==> flow/design.v <==
module cpu_mul_core_p (clk_i, rst_ni, arg0_in, arg1_in, prod_out);
   parameter NBITS = 22;
   input clk_i;
   input rst_ni;
   input [NBITS-1:0] arg0_in;
   input [NBITS-1:0] arg1_in;
   output reg [2*NBITS-1:0] prod_out;
   reg [NBITS-1:0] arg0_s;
   always @(posedge clk_i) begin
      if (!rst_ni) begin
         arg0_s <= 0;
      end else begin
         arg0_s <= arg0_in;
      end
   end
   reg [NBITS-1:0] arg1_s;
   always @(posedge clk_i) begin
      if (!rst_ni) begin
         arg1_s <= 0;
      end else begin
         arg1_s <= arg1_in;
      end
   end
   localparam H = NBITS / 2;
   wire [NBITS-1:0] ll;
   cpu_mul_core_p_pmul #(.N(H)) el (.a(arg0_s[H-1:0]), .b(arg1_s[H-1:0]), .p(ll));
   wire [NBITS-1:0] lh;
   cpu_mul_core_p_pmul #(.N(H)) inst (.a(arg0_s[H-1:0]), .b(arg1_s[NBITS-1:H]), .p(lh));
   wire [NBITS-1:0] hl;
   cpu_mul_core_p_pmul #(.N(H)) unit (.a(arg0_s[NBITS-1:H]), .b(arg1_s[H-1:0]), .p(hl));
   wire [NBITS-1:0] hh;
   cpu_mul_core_p_pmul #(.N(H)) u (.a(arg0_s[NBITS-1:H]), .b(arg1_s[NBITS-1:H]), .p(hh));
   reg [NBITS-1:0] ll_s;
   always @(posedge clk_i) begin
      if (!rst_ni) begin
         ll_s <= 0;
      end else begin
         ll_s <= ll;
      end
   end
   reg [NBITS-1:0] lh_s;
   always @(posedge clk_i) begin
      if (!rst_ni) begin
         lh_s <= 0;
      end else begin
         lh_s <= lh;
      end
   end
   reg [NBITS-1:0] hl_s;
   always @(posedge clk_i) begin
      if (!rst_ni) begin
         hl_s <= 0;
      end else begin
         hl_s <= hl;
      end
   end
   reg [NBITS-1:0] hh_s;
   always @(posedge clk_i) begin
      if (!rst_ni) begin
         hh_s <= 0;
      end else begin
         hh_s <= hh;
      end
   end
   wire [NBITS:0] part;
   assign part = lh_s + hl_s;
   always @(posedge clk_i) begin
      if (!rst_ni) begin
         prod_out <= 0;
      end else begin
         prod_out <= {hh_s, ll_s} + {part, {H{1'b0}}};
      end
   end
endmodule
module cpu_mul_core_p_pmul #(parameter N = 4) (
   input wire [N-1:0] a,
   input wire [N-1:0] b,
   output wire [2*N-1:0] p
);
   assign p = a * b;
endmodule
* Step by step through the tools: cpu_mul_core_p
Tool output for the design above, in the order of the flow. Line numbers count from 1 in the design file above. Library cell names are shortened. Not given: -
Set-up: top module cpu_mul_core_p, clock clk_i, cell library sky130hd, timing corner tt_025C_1v80

* After elaboration
Counts by Yosys on the flattened word-level netlist (proc, flatten, opt, wreduce; memories kept). Register bits leave out memories and registers merged into their read ports (data or address); mux counts leave out enables and synchronous resets folded into registers. Print and check cells are left out. Cells with the same type and inputs are merged into one.
Word-level totals: flip-flop bits (word level) 176, input port bits 46, output and inout bits 44, cells after elaboration 13
Cells by class: add/sub/neg operators 2, multipliers 4
Operator list (number):
- 11-bit by 11-bit multiplier with 22-bit output | 4
- 44-bit by 34-bit adder with 44-bit output | 1
- 22-bit by 22-bit adder with 23-bit output | 1

* Depth
Longest topological path by Yosys (ltp), each cell counted once; first at word level (registers and memories cut), then after technology mapping (sequential cells cut; the memories' decode and read muxes count).
Depth: word-level depth 2, ABC_AREA 0, mapped depth 21, depth with buffers taken out 19

* Mapped cells and area
Yosys stat after the flow's synthesis: flattened, memories mapped to cells. It holds for the ABC_AREA given above (unset counts as 0); a run with the other value may have another netlist.
Cell types:
- fa_1 | number 322, total area 6.45E+03 um2
- ha_1 | number 285, total area 3565.92 um2
- dfxtp_1 | number 176, total area 3.52E+03 um2
- and2_1 | number 352, total area 2.2E+03 um2
- inv_1 | number 415, total area 1.56E+03 um2
- nand2_1 | number 270, total area 1.01E+03 um2
- xnor2_1 | number 58, total area 507.987 um2
- nor2_1 | number 134, total area 502.982 um2
- clkbuf_1 | number 120, total area 450.432 um2
- a21oi_1 | number 84, total area 420.403 um2
- xor2_1 | number 41, total area 359.094 um2
- a21o_1 | number 45, total area 337.824 um2
- o21ai_0 | number 54, total area 270.259 um2
- o21a_1 | number 20, total area 150.144 um2
- a211oi_1 | number 19, total area 142.637 um2
- a31oi_1 | number 20, total area 125.12 um2
- nand4_1 | number 19, total area 118.864 um2
- nand2b_1 | number 17, total area 106.352 um2
Other cell types: 49; their cells: 164.
Mapped netlist: cells in the netlist 2615, cell area after synthesis 0.0230271 mm2, area of sequential cells 0.0035234 mm2, flip-flops 176, buffers 123
The figures by module come from a second, unflattened synthesis with its own total; it is not the netlist above.
Second synthesis, totals: cells (unflattened synthesis) 2669, area total of the unflattened synthesis 0.0236639 mm2
Each row is one instance without its submodules.
Modules:
- cpu_mul_core_p_pmul (N=11) | instances 4, cells 484, area 0.004124 mm2, sequential area 0 mm2
- cpu_mul_core_p | instances 1, cells 733, area 0.0071681 mm2, sequential area 0.0035234 mm2

* Path before layout
Source: OpenSTA report_checks on the synthesized netlist (no wires, ideal clock, input and output delay 20% of the period each), path of least setup slack; recovery checks are left aside. Register names are those of the netlist, which keeps one name where synthesis merged equal registers.
Timing after synthesis: path type register to register, start point register arg1_s[2], end point register ll_s[20], period 6340 ps, setup time 128 ps, launch time at the first pin 0 ps, arrival time 4945 ps, required time 6212 ps, slack 1268 ps, delay of the path 5073 ps, driving pins on the path 19, buffers on the path 1, synthesis period reached 5072 ps
"delay of the path" = arrival - input delay + setup time. "driving pins on the path": output pins that drive a net of the path, with the launching flip-flop's if there is one; two outputs of one cell count as two. "synthesis period reached" = period - worst setup slack (recovery checks aside). The figure is calculated, with input and output delays left at 20% of the set period. Between the ends stands the longest chain of elaborated cells between them, by number of cells; it is not shown to be the way that was timed. Of several equally long chains one is given. A line is the first line of the expression or statement that the cell stems from. Yosys adds cells for indexed reads and writes and turns some case tables into memories.
Between the ends, after synthesis: cells stage by stage dfxtp_1 -> clkbuf_1 -> nand2_1 -> fa_1 -> fa_1 -> fa_1 -> inv_1 -> fa_1 -> inv_1 -> fa_1 -> inv_1 -> ha_1 -> and2_1 -> a222oi_1 -> o211ai_1 -> a221oi_1 -> o21ai_0 -> xnor2_1 -> nor2_1, length of the longest elaborated chain 1, elaborated cells on any way between the ends 1, RTL lines with such cells 1, classes of those cells 1 x mul
Ends and longest elaborated chain, after synthesis:
- start: declaration | RTL line 16 | reg [NBITS-1:0] arg1_s;
- start: assignment | RTL line 19 | arg1_s <= 0;
- start: assignment | RTL line 21 | arg1_s <= arg1_in;
- 11-bit by 11-bit multiplier with 22-bit output | RTL line 80 | assign p = a * b;
- end: assignment | RTL line 36 | ll_s <= 0;
- end: assignment | RTL line 38 | ll_s <= ll;
- end: declaration | RTL line 33 | reg [NBITS-1:0] ll_s;

* Path in the finished layout
Path of least setup slack in the final report of run 1 (OpenROAD, finished layout, wires in). Where an end is a register, its clock arrival counts in the times. The path's times are printed in steps of 10 ps; the period is the one set.
Timing post-layout: path type register to register, start point register arg0_s[17], end point register hl_s[14], period 5340 ps, setup time 120 ps, launch time at the first pin 500 ps, arrival time 5840 ps, required time 5720 ps, slack -120 ps, driving pins on the path 19, buffers on the path 1
Between the ends stands the longest chain of elaborated cells between them, by number of cells; it is not shown to be the way that was timed. Of several equally long chains one is given.
Between the ends, post-layout: cells stage by stage dfxtp_1 -> clkbuf_4 -> nand2_1 -> fa_1 -> fa_1 -> fa_1 -> inv_1 -> fa_1 -> inv_1 -> fa_1 -> inv_1 -> ha_1 -> a21oi_1 -> nor2_1 -> a211oi_1 -> o31ai_4 -> a31oi_1 -> xor2_2 -> nor2_1, length of the longest elaborated chain 1, elaborated cells on any way between the ends 1, RTL lines with such cells 1, classes of those cells 1 x mul
Ends and longest elaborated chain, post-layout:
- start: declaration | RTL line 8 | reg [NBITS-1:0] arg0_s;
- start: assignment | RTL line 11 | arg0_s <= 0;
- start: assignment | RTL line 13 | arg0_s <= arg0_in;
- 11-bit by 11-bit multiplier with 22-bit output | RTL line 80 | assign p = a * b;
- end: assignment | RTL line 52 | hl_s <= 0;
- end: assignment | RTL line 54 | hl_s <= hl;
- end: declaration | RTL line 49 | reg [NBITS-1:0] hl_s;

Hand-over note for cpu_mul_core_p

Flow measurements of cpu_mul_core_p on sky130hd: 3 stored runs with different settings, listed in no order. Input and output delays are each 20% of the period that was set; the output load is 0.01 pF.
"achieved period" = clock period - worst setup slack. The figure is calculated, with input and output delays left at 20% of the set period.
By "critical path time" is meant the share of the clock period that the worst setup path is allowed (20% is reserved at inputs, 20% at outputs), minus its slack. Clock arrival times at its registers enter into it.
"total power after layout" rests on the timing tool's default activity at the inputs, not on a simulated workload.
"critical path time" is known to 10 ps.

[run 1] flow files
==> flow/run.sh <==
#!/bin/bash
# the make line also repeats the synthesis and layout settings of config.mk as NAME=value (left out here)
make -C /OpenROAD-flow-scripts/flow DESIGN_CONFIG=/design/flow/config.mk WORK_HOME=/design/flow/orfs CLKGATE_MAP_FILE= finish
==> flow/config.mk <==
export PLATFORM = sky130hd
export DESIGN_NAME = cpu_mul_core_p
export DESIGN_NICKNAME = cpu_mul_core_p
export VERILOG_FILES = /design/flow/design.v
export SDC_FILE = /design/flow/constraint.sdc
export NUM_CORES = 4
export LEC_CHECK = 0
export CAP_MARGIN = 20
export CELL_PAD_IN_SITES_DETAIL_PLACEMENT = 0
export CORE_MARGIN = 2
export CORE_UTILIZATION = 31
export GPL_TIMING_DRIVEN = 0
export PLACE_DENSITY_LB_ADDON = 0.02
export SETUP_SLACK_MARGIN = -0.3
export SLEW_MARGIN = 20
export TNS_END_PERCENT = 85
==> flow/constraint.sdc <==
create_clock -name core_clock -period 5.34 [get_ports {clk_i}]
set_input_delay 1.0680 -clock core_clock [delete_from_list [all_inputs] [get_ports {clk_i}]]
set_output_delay 1.0680 -clock core_clock [all_outputs]
set_load 0.01 [all_outputs]

[run 1] result: cell area after synthesis 0.0230271 mm2; area of the die 0.0764771 mm2; standard-cell area of the final layout 0.0263953 mm2; utilization in the final report 36.1%; smallest setup slack -116 ps; setup total negative slack -1551 ps; lowest hold slack 431 ps; total power after layout 5522 µW; achieved period 5456 ps; critical path time 5460 ps; kind of the worst setup path register to register

[run 2] flow files
==> flow/run.sh <==
#!/bin/bash
# the make line also repeats the synthesis and layout settings of config.mk as NAME=value (left out here)
make -C /OpenROAD-flow-scripts/flow DESIGN_CONFIG=/design/flow/config.mk WORK_HOME=/design/flow/orfs CLKGATE_MAP_FILE= finish
==> flow/config.mk <==
export PLATFORM = sky130hd
export DESIGN_NAME = cpu_mul_core_p
export DESIGN_NICKNAME = cpu_mul_core_p
export VERILOG_FILES = /design/flow/design.v
export SDC_FILE = /design/flow/constraint.sdc
export NUM_CORES = 4
export LEC_CHECK = 0
export CAP_MARGIN = 20
export CELL_PAD_IN_SITES_DETAIL_PLACEMENT = 0
export CORE_MARGIN = 2
export CORE_UTILIZATION = 19
export CTS_CLUSTER_DIAMETER = 118
export CTS_CLUSTER_SIZE = 22
export PLACE_DENSITY_LB_ADDON = 0.27
export SETUP_SLACK_MARGIN = -0.1
export SLEW_MARGIN = 0
==> flow/constraint.sdc <==
create_clock -name core_clock -period 4.96 [get_ports {clk_i}]
set_input_delay 0.9920 -clock core_clock [delete_from_list [all_inputs] [get_ports {clk_i}]]
set_output_delay 0.9920 -clock core_clock [all_outputs]
set_load 0.01 [all_outputs]

[run 2] result: cell area after synthesis 0.0230271 mm2; area of the die 0.123996 mm2; standard-cell area of the final layout 0.0292656 mm2; utilization in the final report 24.4%; smallest setup slack -49 ps; setup total negative slack -250 ps; lowest hold slack 435 ps; total power after layout 6264 µW; achieved period 5009 ps; critical path time 5010 ps; kind of the worst setup path register to register

[run 3] flow files
==> flow/run.sh <==
#!/bin/bash
# the make line also repeats the synthesis and layout settings of config.mk as NAME=value (left out here)
make -C /OpenROAD-flow-scripts/flow DESIGN_CONFIG=/design/flow/config.mk WORK_HOME=/design/flow/orfs CLKGATE_MAP_FILE= finish
==> flow/config.mk <==
export PLATFORM = sky130hd
export DESIGN_NAME = cpu_mul_core_p
export DESIGN_NICKNAME = cpu_mul_core_p
export VERILOG_FILES = /design/flow/design.v
export SDC_FILE = /design/flow/constraint.sdc
export NUM_CORES = 4
export LEC_CHECK = 0
export CAP_MARGIN = 20
export CORE_MARGIN = 2
export CORE_UTILIZATION = 40
export SLEW_MARGIN = 20
==> flow/constraint.sdc <==
create_clock -name core_clock -period 6.34 [get_ports {clk_i}]
set_input_delay 1.2680 -clock core_clock [delete_from_list [all_inputs] [get_ports {clk_i}]]
set_output_delay 1.2680 -clock core_clock [all_outputs]
set_load 0.01 [all_outputs]

[run 3] result: cell area after synthesis 0.0230271 mm2; area of the die 0.0595018 mm2; standard-cell area of the final layout 0.0253831 mm2; utilization in the final report 44.8%; smallest setup slack 588 ps; setup total negative slack 0 ps; lowest hold slack 430 ps; total power after layout 4423 µW; achieved period 5752 ps; critical path time 5750 ps; kind of the worst setup path register to register

End of note.
